==> flow/design.v <==
module as_core_v2 (core_clk, RSTN, ce, in_u, in_v, out_delta);
  parameter integer DATA_W = 6;
  input core_clk;
  input RSTN;
  input ce;
  input [DATA_W-1:0] in_u;
  input [DATA_W-1:0] in_v;
  output reg [DATA_W-1:0] out_delta;
  reg [DATA_W-1:0] u_d1;
  reg [DATA_W-1:0] v_d1;
  reg [DATA_W:0] cur_d1;
  always @(posedge core_clk) begin
    if (~RSTN) begin
      u_d1 <= 0;
      v_d1 <= 0;
      cur_d1 <= 0;
      out_delta <= 0;
    end else if (ce) begin
      u_d1 <= in_u;
      v_d1 <= in_v;
      cur_d1 <= {1'b0, u_d1} - {1'b0, v_d1};
      out_delta <= cur_d1[DATA_W] ? -cur_d1[DATA_W-1:0] : cur_d1[DATA_W-1:0];
    end
  end
endmodule
======== From RTL to reports: as_core_v2 ========
A sweep over "DATA_W": the same steps for each member of the family.
The file above is the member DATA_W=6. Line numbers count from 1 in each member's own file.
Cell names lack the library's common part.
A cell with n/a has no value.
inputs
  design top .............................. as_core_v2
  clock port .............................. core_clk
  standard-cell library ................... sky130hd
  corner .................................. tt_025C_1v80

======== Members of the sweep ========
New or changed lines of each further member against the RTL above, in its own file; lines it lacks are not shown.
new or changed lines
  DATA_W  line  text
  12      2     parameter integer DATA_W = 12;
  28      2     parameter integer DATA_W = 28;
  80      2     parameter integer DATA_W = 80;

======== Word-level counts ========
Counts by Yosys on the flattened word-level netlist (proc, flatten, opt, wreduce; memories kept). Register bits leave out memories and registers merged into their read ports (data or address); mux counts leave out enables and synchronous resets folded into registers. Print and check cells are left out. Cells with the same type and inputs are merged into one.
word-level totals
  DATA_W  register bits  bits in latches  bits in writable memories  bits in read-only memories  word width x clocked read ports  memory cells  output and inout bits
  6       25             0                0                          0                           0                                0             6
  12      49             0                0                          0                           0                                0             12
  28      113            0                0                          0                           0                                0             28
  80      321            0                0                          0                           0                                0             80
operators by class
  DATA_W  add/subtract/negate cells  $mul  divide/modulo/power cells  order comparisons  eq/ne operators  shifts and indexed selects  multiplexer cells  bitwise gates (word level)  reduce/logical cells
  6       2                          0     0                          0                  0                0                           1                  0                           0
  12      2                          0     0                          0                  0                0                           1                  0                           0
  28      2                          0     0                          0                  0                0                           1                  0                           0
  80      2                          0     0                          0                  0                0                           1                  0                           0
operators by type and width
  DATA_W  kinds with counts
  6       subtractor 6 x 6 -> 7 bit (1); negation 6 bit (1); two-way mux 6 bit (1)
  12      subtractor 12 x 12 -> 13 bit (1); negation 12 bit (1); two-way mux 12 bit (1)
  28      subtractor 28 x 28 -> 29 bit (1); negation 28 bit (1); two-way mux 28 bit (1)
  80      subtractor 80 x 80 -> 81 bit (1); negation 80 bit (1); two-way mux 80 bit (1)

======== Logic depth ========
Depth = most cells in a row (Yosys ltp): at word level without a register or memory, in the mapped netlist without a sequential cell, where the memories' decode and read muxes count.
depth
  DATA_W  word-level depth  ABC_AREA  mapped depth
  6       2                 0         8
  12      2                 0         8
  28      2                 0         10
  80      2                 0         14

======== Netlist ========
Source: synth_stat.txt of the flow (Yosys; design flattened, memories mapped). It holds for the ABC_AREA given above (unset counts as 0); a run with the other value may have another netlist.
synthesis totals
  DATA_W  mapped cells  chip area (Yosys) (µm²)  sequential part of the area (µm²)  mapped flip-flops
  6       132           1217.4                   500.5                              25
  12      279           2498.6                   980.9                              49
  28      710           6334.8                   2262.2                             113
  80      2176          18863.1                  6426.2                             321
cells by type
  DATA_W  types with counts
  6       dfxtp_1 (25); mux2i_1 (15); ha_1 (7); nor2_1 (21); inv_1 (13); a211oi_1 (5); xnor2_1 (3); a21oi_1 (5); nand3b_1 (3); fa_1 (1); o21ai_0 (4); clkbuf_1 (5); o2111ai_1 (2); o311ai_0 (2); xor2_1 (2); buf_2 (3); nand3_1 (3); o211ai_1 (2); (+11)
  12      dfxtp_1 (49); mux2i_1 (27); ha_1 (13); nor2_1 (42); xor2_1 (11); a211oi_1 (10); inv_1 (19); o21a_1 (8); a21oi_1 (9); nor2b_1 (7); o21ai_0 (8); nand2_1 (10); or3_1 (6); nand3_1 (6); nor3_1 (6); o31ai_1 (4); clkbuf_1 (7); buf_2 (5); (+32)
  28      dfxtp_1 (113); mux2i_1 (73); nor2b_1 (81); ha_1 (29); nand2_1 (60); xor2_1 (24); o21ai_0 (37); a21oi_1 (32); xnor2_1 (17); inv_1 (38); o211a_1 (13); clkbuf_1 (33); nand3b_1 (9); a21o_1 (8); nand3_1 (12); a31oi_1 (9); nor2_1 (15); nand4_1 (7); (+100)
  80      dfxtp_1 (321); mux2i_1 (210); nor2b_1 (232); ha_1 (81); xor2_1 (88); nand2_1 (184); o211a_1 (64); a21oi_1 (114); o21ai_0 (96); xnor2_1 (49); inv_1 (108); clkbuf_1 (106); a21o_1 (49); nor2_1 (77); nand4_1 (34); nand3_1 (40); o21bai_1 (19); o31ai_1 (18); (+286)
A list marked (+n) leaves out that many cells.

======== Timing after synthesis ========
Path of least setup slack by OpenSTA after synthesis, without wires, with an ideal clock, recovery checks aside; 20% of the period is set as input and as output delay. Where synthesis merged equal registers, the netlist keeps one of their names.
path after synthesis
  DATA_W  path kind             start point     end point          period (ns)  setup slack (ns)  stages  delay of the path (ns)  period reached after synthesis (ns)
  6       register to register  reg u_d1[0]     reg cur_d1[6]      1.97         0.396             9       1.575                   1.574
  12      register to register  reg u_d1[0]     reg cur_d1[10]     2.46         0.493             9       1.967                   1.967
  28      register to register  reg u_d1[0]     reg cur_d1[28]     2.88         0.577             11      2.304                   2.303
  80      register to register  reg cur_d1[24]  reg out_delta[51]  4.04         0.808             11      3.232                   3.232
"delay of the path" = arrival - input delay + setup time.
"stages": output pins that drive a net of the path, with the launching flip-flop's if there is one; two outputs of one cell count as two.
"period reached after synthesis" is the clock period less the worst setup slack; recovery checks do not enter. This is arithmetic on one report: input and output delays are still those of the set period (20% each).
Between the ends stands the longest chain of elaborated cells between them, by number of cells; it is not shown to be the way that was timed. Of several equally long chains one is given.
Each line given opens the expression or statement behind the cell; cells for indexed reads and writes are added by Yosys, which also makes memories of some case tables.
on the way, after synthesis, DATA_W=6
  length of the longest elaborated chain .. 1
RTL lines, path after synthesis, DATA_W=6
  item                       line  text
  start: declaration         9     reg [DATA_W-1:0] u_d1;
  start: assignment          14    u_d1 <= 0;
  start: assignment          19    u_d1 <= in_u;
  subtractor 6 x 6 -> 7 bit  21    cur_d1 <= {1'b0, u_d1} - {1'b0, v_d1};
  end: assignment            16    cur_d1 <= 0;
  end: assignment            21
  end: declaration           11    reg [DATA_W:0] cur_d1;
on the way, after synthesis, DATA_W=80
  length of the longest elaborated chain .. 2
RTL lines, path after synthesis, DATA_W=80
  item                line  text
  start: declaration  11    reg [DATA_W:0] cur_d1;
  start: assignment   16    cur_d1 <= 0;
  start: assignment   21    cur_d1 <= {1'b0, u_d1} - {1'b0, v_d1};
  negation 80 bit     22    out_delta <= cur_d1[DATA_W] ? -cur_d1[DATA_W-1:0] : cur_d1[DATA_W-1:0];
  two-way mux 80 bit  22
  end: assignment     17    out_delta <= 0;
  end: assignment     22
  end: declaration    8     output reg [DATA_W-1:0] out_delta;

======== Path in the finished layout ========
From the final timing report of the run of each member: the path of least setup slack in the routed layout; clock arrival at registers is part of the times.
path after layout
  DATA_W  path kind             start point  end point       period (ns)  setup slack (ns)  stages  arrival time (ns)
  6       register to register  reg u_d1[0]  reg cur_d1[6]   1.97         0.23              9       2.00
  12      register to register  reg u_d1[0]  reg cur_d1[10]  2.46         0.31              9       2.34
  28      register to register  reg u_d1[0]  reg cur_d1[28]  2.88         0.26              11      2.90
  80      register to register  reg u_d1[0]  reg cur_d1[70]  4.04         0.30              15      4.21

======== Layout results ========
One run of the flow (Yosys, OpenROAD) for each member, with settings and measured results. Input and output delays are each 20% of the period that was set; the output load is 0.01 pF.
flow settings
  CAP_MARGIN .............................. 20
  CORE_MARGIN ............................. 2
  CORE_UTILIZATION ........................ 40
  SLEW_MARGIN ............................. 20
settings by member
  DATA_W  period_ns
  6       1.97
  12      2.46
  28      2.88
  80      4.04
final reports
  DATA_W  synthesis area (µm²)  die outline area (µm²)  standard-cell area of the final layout (µm²)  utilization of the finished layout (%)  setup slack of the critical path (ns)  setup TNS (ns)  final worst hold slack (ns)  total power of the final layout (mW)  clock period achieved (ns)
  6       1217.4                3501.1                  1493.9                                        50.2                                    0.225                                  0.000           0.492                        1.032                                 1.745
  12      2498.6                6894.8                  3077.9                                        51.4                                    0.309                                  0.000           0.458                        1.898                                 2.151
  28      6334.8                16859.7                 7957.6                                        50.8                                    0.263                                  0.000           0.476                        5.222                                 2.617
  80      18863.1               48911.7                 23030.8                                       49.5                                    0.299                                  0.000           0.479                        10.334                                3.741
By "clock period achieved" is meant the clock period of the run minus its worst setup slack. This is arithmetic on one report: input and output delays are still those of the set period (20% each).
"total power of the final layout" rests on the timing tool's default activity at the inputs, not on a simulated workload.
